==> flow/design.v <==
module sync_mul_unit_mod (ck, RSTN, step, a, b, res);
    parameter DATA_WIDTH = 8;
    parameter NUM = 4;
    localparam RW = 2*DATA_WIDTH + $clog2(NUM);
    input ck;
    input RSTN;
    input step;
    input [NUM*DATA_WIDTH-1:0] a;
    input [NUM*DATA_WIDTH-1:0] b;
    output [RW-1:0] res;
    reg [RW-1:0] t;
    integer i;
    always @(*) begin
        t = 0;
        for (i = 0; i < NUM; i = i + 1)
            t = t + a[i*DATA_WIDTH +: DATA_WIDTH] * b[i*DATA_WIDTH +: DATA_WIDTH];
    end
    reg [RW-1:0] res_ff;
    always @(posedge ck or negedge RSTN) begin
        if (~RSTN) begin
            res_ff <= 0;
        end else if (step) begin
            res_ff <= t;
        end
    end
    assign res = res_ff;
endmodule
# Tool chain data of sync_mul_unit_mod
# Tool output for the design above, in the order of the flow.
# Line numbers count from 1 in the design file above.
# A cell with - has no value.
dict set report design {
  top_module {sync_mul_unit_mod}
  clock {ck}
  library {sky130hd}
  pvt_corner {tt_025C_1v80}
}

# After elaboration
# Yosys after proc, flatten, opt, wreduce and memory -nomap, before mapping. Enables and synchronous resets that opt folds into registers are not counted as muxes. Memory bits, and registers merged into a memory's read port (data or address), are not among the register bits. Print and check cells are not counted. Equal cells are merged and count once.
dict set report op_classes {
  add_sub_neg 3
  multipliers 4
}
# cell count
set ops {}
lappend ops {{8-bit by 8-bit multiplier with 16-bit output} 4}
lappend ops {{17-bit by 16-bit adder with 18-bit output} 1}
lappend ops {{18-bit by 16-bit adder with 18-bit output} 1}
lappend ops {{16-bit by 16-bit adder with 17-bit output} 1}
dict set report word_totals {
  elab_cells 8
  regBits 18
}

# Depth
# Depth = most cells in a row (Yosys ltp): at word level without a register or memory, in the mapped netlist without a sequential cell, where the memories' decode and read muxes count.
dict set report logic_depth {
  ltp_word 4
  abc_area 0
  depth_mapped 23
}

# Synthesis result
# Source: synth_stat.txt of the flow (Yosys; design flattened, memories mapped). It holds for the ABC_AREA given above (unset counts as 0); a run with the other value may have another netlist.
# The area totals of this step are shown rounded.
# cell count type_area_um2
set by_type {}
lappend by_type {sky130_fd_sc_hd__fa_1 224 4.48E+03}
lappend by_type {sky130_fd_sc_hd__ha_1 129 1.61E+03}
lappend by_type {sky130_fd_sc_hd__inv_1 300 1126.08}
lappend by_type {sky130_fd_sc_hd__and2_1 176 1.1E+03}
lappend by_type {sky130_fd_sc_hd__dfrtp_1 18 450.432}
lappend by_type {sky130_fd_sc_hd__nand2_1 100 375.36}
lappend by_type {sky130_fd_sc_hd__mux2_2 8 90.086}
lappend by_type {sky130_fd_sc_hd__a21oi_1 12 60.058}
lappend by_type {sky130_fd_sc_hd__o21a_1 5 37.536}
lappend by_type {sky130_fd_sc_hd__o21ai_0 7 35.034}
lappend by_type {sky130_fd_sc_hd__a211o_1 3 26.275}
lappend by_type {sky130_fd_sc_hd__nor2_1 7 26.275}
lappend by_type {sky130_fd_sc_hd__o2111ai_1 3 26.275}
lappend by_type {sky130_fd_sc_hd__xnor2_1 3 26.275}
lappend by_type {sky130_fd_sc_hd__nand4_1 4 25.024}
lappend by_type {sky130_fd_sc_hd__nor3_1 5 25.024}
lappend by_type {sky130_fd_sc_hd__a21o_1 3 22.522}
lappend by_type {sky130_fd_sc_hd__o211ai_1 3 22.522}
# Other cell types: 27; their cells: 39.
dict set report mapped {
  stdcells 1049
  flip_flops 18
  mapped_area_um2 9869
  buf_cells 6
  seqArea_um2 450.4
}

# Path before layout
# Source: OpenSTA report_checks on the synthesized netlist (no wires, ideal clock, input and output delay 20% of the period each), path of least setup slack; recovery checks are left aside. Register names are those of the netlist, which keeps one name where synthesis merged equal registers.
dict set report synth_path {
  path_kind {in2reg}
  from {input port a[5]}
  to {register res_ff[13]}
  input_delay_ps 1806
  delay_ps 5777
  period_ps 9030
  setup_ps 120
  arrival_time_ps 7463
  slack_ps 1447
  path_stages 18
  synth_period_reached_ps 7583
}
# "delay_ps" is the arrival time less input delay plus setup time.
# "path_stages" counts driving pins, that of a launching flip-flop among them; a cell with two outputs on the path counts twice.
# "synth_period_reached_ps" = period - worst setup slack (recovery checks aside). The figure is calculated, with input and output delays left at 20% of the set period.
# The rows between start and end are the longest chain of elaborated cells between them; the timing report does not say that the signal goes this way. Where chains are equally long, one stands for them.
# A line is the first line of the expression or statement that the cell stems from. Yosys adds cells for indexed reads and writes and turns some case tables into memories.
dict set report synth_via {
  path_cell_list {sky130_fd_sc_hd__clkbuf_1 > sky130_fd_sc_hd__and2_1 > sky130_fd_sc_hd__fa_1 > sky130_fd_sc_hd__inv_1 > sky130_fd_sc_hd__fa_1 > sky130_fd_sc_hd__fa_1 > sky130_fd_sc_hd__fa_1 > sky130_fd_sc_hd__inv_1 > sky130_fd_sc_hd__fa_1 > sky130_fd_sc_hd__fa_1 > sky130_fd_sc_hd__fa_1 > sky130_fd_sc_hd__fa_1 > sky130_fd_sc_hd__ha_1 > sky130_fd_sc_hd__a21o_1 > sky130_fd_sc_hd__a21oi_2 > sky130_fd_sc_hd__a21oi_1 > sky130_fd_sc_hd__or3_1 > sky130_fd_sc_hd__a31o_2}
  elab_chain_cells 4
  cells_between 4
  cone_classes {3 x add/sub; 1 x mul}
}
# item line_no
set synth_rtl {}
lappend synth_rtl {{start, declared} 8} ;# input [NUM*DATA_WIDTH-1:0] a;
lappend synth_rtl {{8-bit by 8-bit multiplier with 16-bit output} 16} ;# t = t + a[i*DATA_WIDTH +: DATA_WIDTH] * b[i*DATA_WIDTH +: DATA_WIDTH];
lappend synth_rtl {{16-bit by 16-bit adder with 17-bit output} 16}
lappend synth_rtl {{17-bit by 16-bit adder with 18-bit output} 16}
lappend synth_rtl {{18-bit by 16-bit adder with 18-bit output} 16}
lappend synth_rtl {{end, assigned} 21} ;# res_ff <= 0;
lappend synth_rtl {{end, assigned} 23} ;# res_ff <= t;
lappend synth_rtl {{end, declared} 18} ;# reg [RW-1:0] res_ff;

# Path in the finished layout
# From the final timing report of job 2: the path of least setup slack in the routed layout; clock arrival at registers is part of the times.
# The report prints the path's times to 10 ps; the period is as set.
dict set report layout_path {
  path_kind {in2reg}
  from {input port a[26]}
  to {register res_ff[13]}
  period_ps 9030
  setup_ps 110
  path_stages 19
  slack_ps 850
  input_delay_ps 1810
  arrival_time_ps 8320
}
# The rows between start and end are the longest chain of elaborated cells between them; the timing report does not say that the signal goes this way. Where chains are equally long, one stands for them.
dict set report layout_via {
  path_cell_list {sky130_fd_sc_hd__clkdlybuf4s50_1 > sky130_fd_sc_hd__nand2_1 > sky130_fd_sc_hd__fa_1 > sky130_fd_sc_hd__inv_1 > sky130_fd_sc_hd__fa_1 > sky130_fd_sc_hd__inv_1 > sky130_fd_sc_hd__fa_1 > sky130_fd_sc_hd__fa_1 > sky130_fd_sc_hd__inv_1 > sky130_fd_sc_hd__fa_1 > sky130_fd_sc_hd__fa_1 > sky130_fd_sc_hd__fa_1 > sky130_fd_sc_hd__fa_1 > sky130_fd_sc_hd__ha_1 > sky130_fd_sc_hd__and2b_1 > sky130_fd_sc_hd__o2111ai_2 > sky130_fd_sc_hd__a21oi_1 > sky130_fd_sc_hd__or3_1 > sky130_fd_sc_hd__a31o_2}
  elab_chain_cells 2
  cells_between 2
  cone_classes {1 x add/sub; 1 x mul}
}
# item line_no
set layout_rtl {}
lappend layout_rtl {{start, declared} 8} ;# input [NUM*DATA_WIDTH-1:0] a;
lappend layout_rtl {{8-bit by 8-bit multiplier with 16-bit output} 16} ;# t = t + a[i*DATA_WIDTH +: DATA_WIDTH] * b[i*DATA_WIDTH +: DATA_WIDTH];
lappend layout_rtl {{18-bit by 16-bit adder with 18-bit output} 16}
lappend layout_rtl {{end, assigned} 21} ;# res_ff <= 0;
lappend layout_rtl {{end, assigned} 23} ;# res_ff <= t;
lappend layout_rtl {{end, declared} 18} ;# reg [RW-1:0] res_ff;

Hand-over note for sync_mul_unit_mod

Flow measurements of sync_mul_unit_mod on sky130hd: 3 stored runs with different settings, listed in no order. Input and output delays are each 20% of the period that was set; the output load is 0.01 pF.
"achievedPeriod_ps" is the run's clock period less its worst setup slack. It is reckoned from that one timing run; input and output delays stay at 20% of the period that was set.
"worst_path_allowed_less_slack_ps" = time allowed to the worst setup path (clock period - input delay - output delay, where it has them) - its slack; a late launch clock adds to it, a late capture clock takes from it.
"worst_path_allowed_less_slack_ps" is known to 10 ps.
Results are given in rounded form.

# job 1
==> flow/run.sh <==
#!/bin/bash
# the make line also repeats the synthesis and layout settings of config.mk as NAME=value (left out here)
make -C /OpenROAD-flow-scripts/flow DESIGN_CONFIG=/design/flow/config.mk WORK_HOME=/design/flow/orfs CLKGATE_MAP_FILE= finish
==> flow/config.mk <==
export PLATFORM = sky130hd
export DESIGN_NAME = sync_mul_unit_mod
export DESIGN_NICKNAME = sync_mul_unit_mod
export VERILOG_FILES = /design/flow/design.v
export SDC_FILE = /design/flow/constraint.sdc
export NUM_CORES = 4
export LEC_CHECK = 0
export CAP_MARGIN = 20
export CELL_PAD_IN_SITES_DETAIL_PLACEMENT = 2
export CORE_ASPECT_RATIO = 0.57
export CORE_MARGIN = 2
export CORE_UTILIZATION = 34
export CTS_CLUSTER_DIAMETER = 160
export CTS_CLUSTER_SIZE = 68
export HOLD_SLACK_MARGIN = -0.01
export MAX_ROUTING_LAYER = met4
export MIN_ROUTING_LAYER = met2
export SLEW_MARGIN = 5
export TNS_END_PERCENT = 75
==> flow/constraint.sdc <==
create_clock -name core_clock -period 5.6 [get_ports {ck}]
set_input_delay 1.1200 -clock core_clock [delete_from_list [all_inputs] [get_ports {ck}]]
set_output_delay 1.1200 -clock core_clock [all_outputs]
set_load 0.01 [all_outputs]

==> job 1: results <==
outcome="did not finish, routing stopped with GRT-0232"

# job 2
==> flow/run.sh <==
#!/bin/bash
# the make line also repeats the synthesis and layout settings of config.mk as NAME=value (left out here)
make -C /OpenROAD-flow-scripts/flow DESIGN_CONFIG=/design/flow/config.mk WORK_HOME=/design/flow/orfs CLKGATE_MAP_FILE= finish
==> flow/config.mk <==
export PLATFORM = sky130hd
export DESIGN_NAME = sync_mul_unit_mod
export DESIGN_NICKNAME = sync_mul_unit_mod
export VERILOG_FILES = /design/flow/design.v
export SDC_FILE = /design/flow/constraint.sdc
export NUM_CORES = 4
export LEC_CHECK = 0
export CAP_MARGIN = 20
export CORE_MARGIN = 2
export CORE_UTILIZATION = 40
export SLEW_MARGIN = 20
==> flow/constraint.sdc <==
create_clock -name core_clock -period 9.03 [get_ports {ck}]
set_input_delay 1.8060 -clock core_clock [delete_from_list [all_inputs] [get_ports {ck}]]
set_output_delay 1.8060 -clock core_clock [all_outputs]
set_load 0.01 [all_outputs]

==> job 2: results <==
ys_area_um2=9869
total_die_area_um2=25950
finalCellArea_um2=11180
finalUtil_frac=0.461
setup_ws_ps=850
timing.setup.tns_ps=0
ws_hold_ps=487
achievedPeriod_ps=8180
worst_path_allowed_less_slack_ps=6370
path_kind="in2reg"

# job 3
==> flow/run.sh <==
#!/bin/bash
# the make line also repeats the synthesis and layout settings of config.mk as NAME=value (left out here)
make -C /OpenROAD-flow-scripts/flow DESIGN_CONFIG=/design/flow/config.mk WORK_HOME=/design/flow/orfs CLKGATE_MAP_FILE= finish
==> flow/config.mk <==
export PLATFORM = sky130hd
export DESIGN_NAME = sync_mul_unit_mod
export DESIGN_NICKNAME = sync_mul_unit_mod
export VERILOG_FILES = /design/flow/design.v
export SDC_FILE = /design/flow/constraint.sdc
export NUM_CORES = 4
export LEC_CHECK = 0
export CAP_MARGIN = 10
export CORE_MARGIN = 2
export CORE_UTILIZATION = 46
export GPL_TIMING_DRIVEN = 0
export MIN_ROUTING_LAYER = met1
export SETUP_SLACK_MARGIN = -0.29
export SLEW_MARGIN = 20
==> flow/constraint.sdc <==
create_clock -name core_clock -period 10.9 [get_ports {ck}]
set_input_delay 2.1800 -clock core_clock [delete_from_list [all_inputs] [get_ports {ck}]]
set_output_delay 2.1800 -clock core_clock [all_outputs]
set_load 0.01 [all_outputs]

==> job 3: results <==
ys_area_um2=9869
total_die_area_um2=22640
finalCellArea_um2=11130
finalUtil_frac=0.53
setup_ws_ps=2242
timing.setup.tns_ps=0
ws_hold_ps=476
achievedPeriod_ps=8658
worst_path_allowed_less_slack_ps=6480
path_kind="in2reg"

End of note.
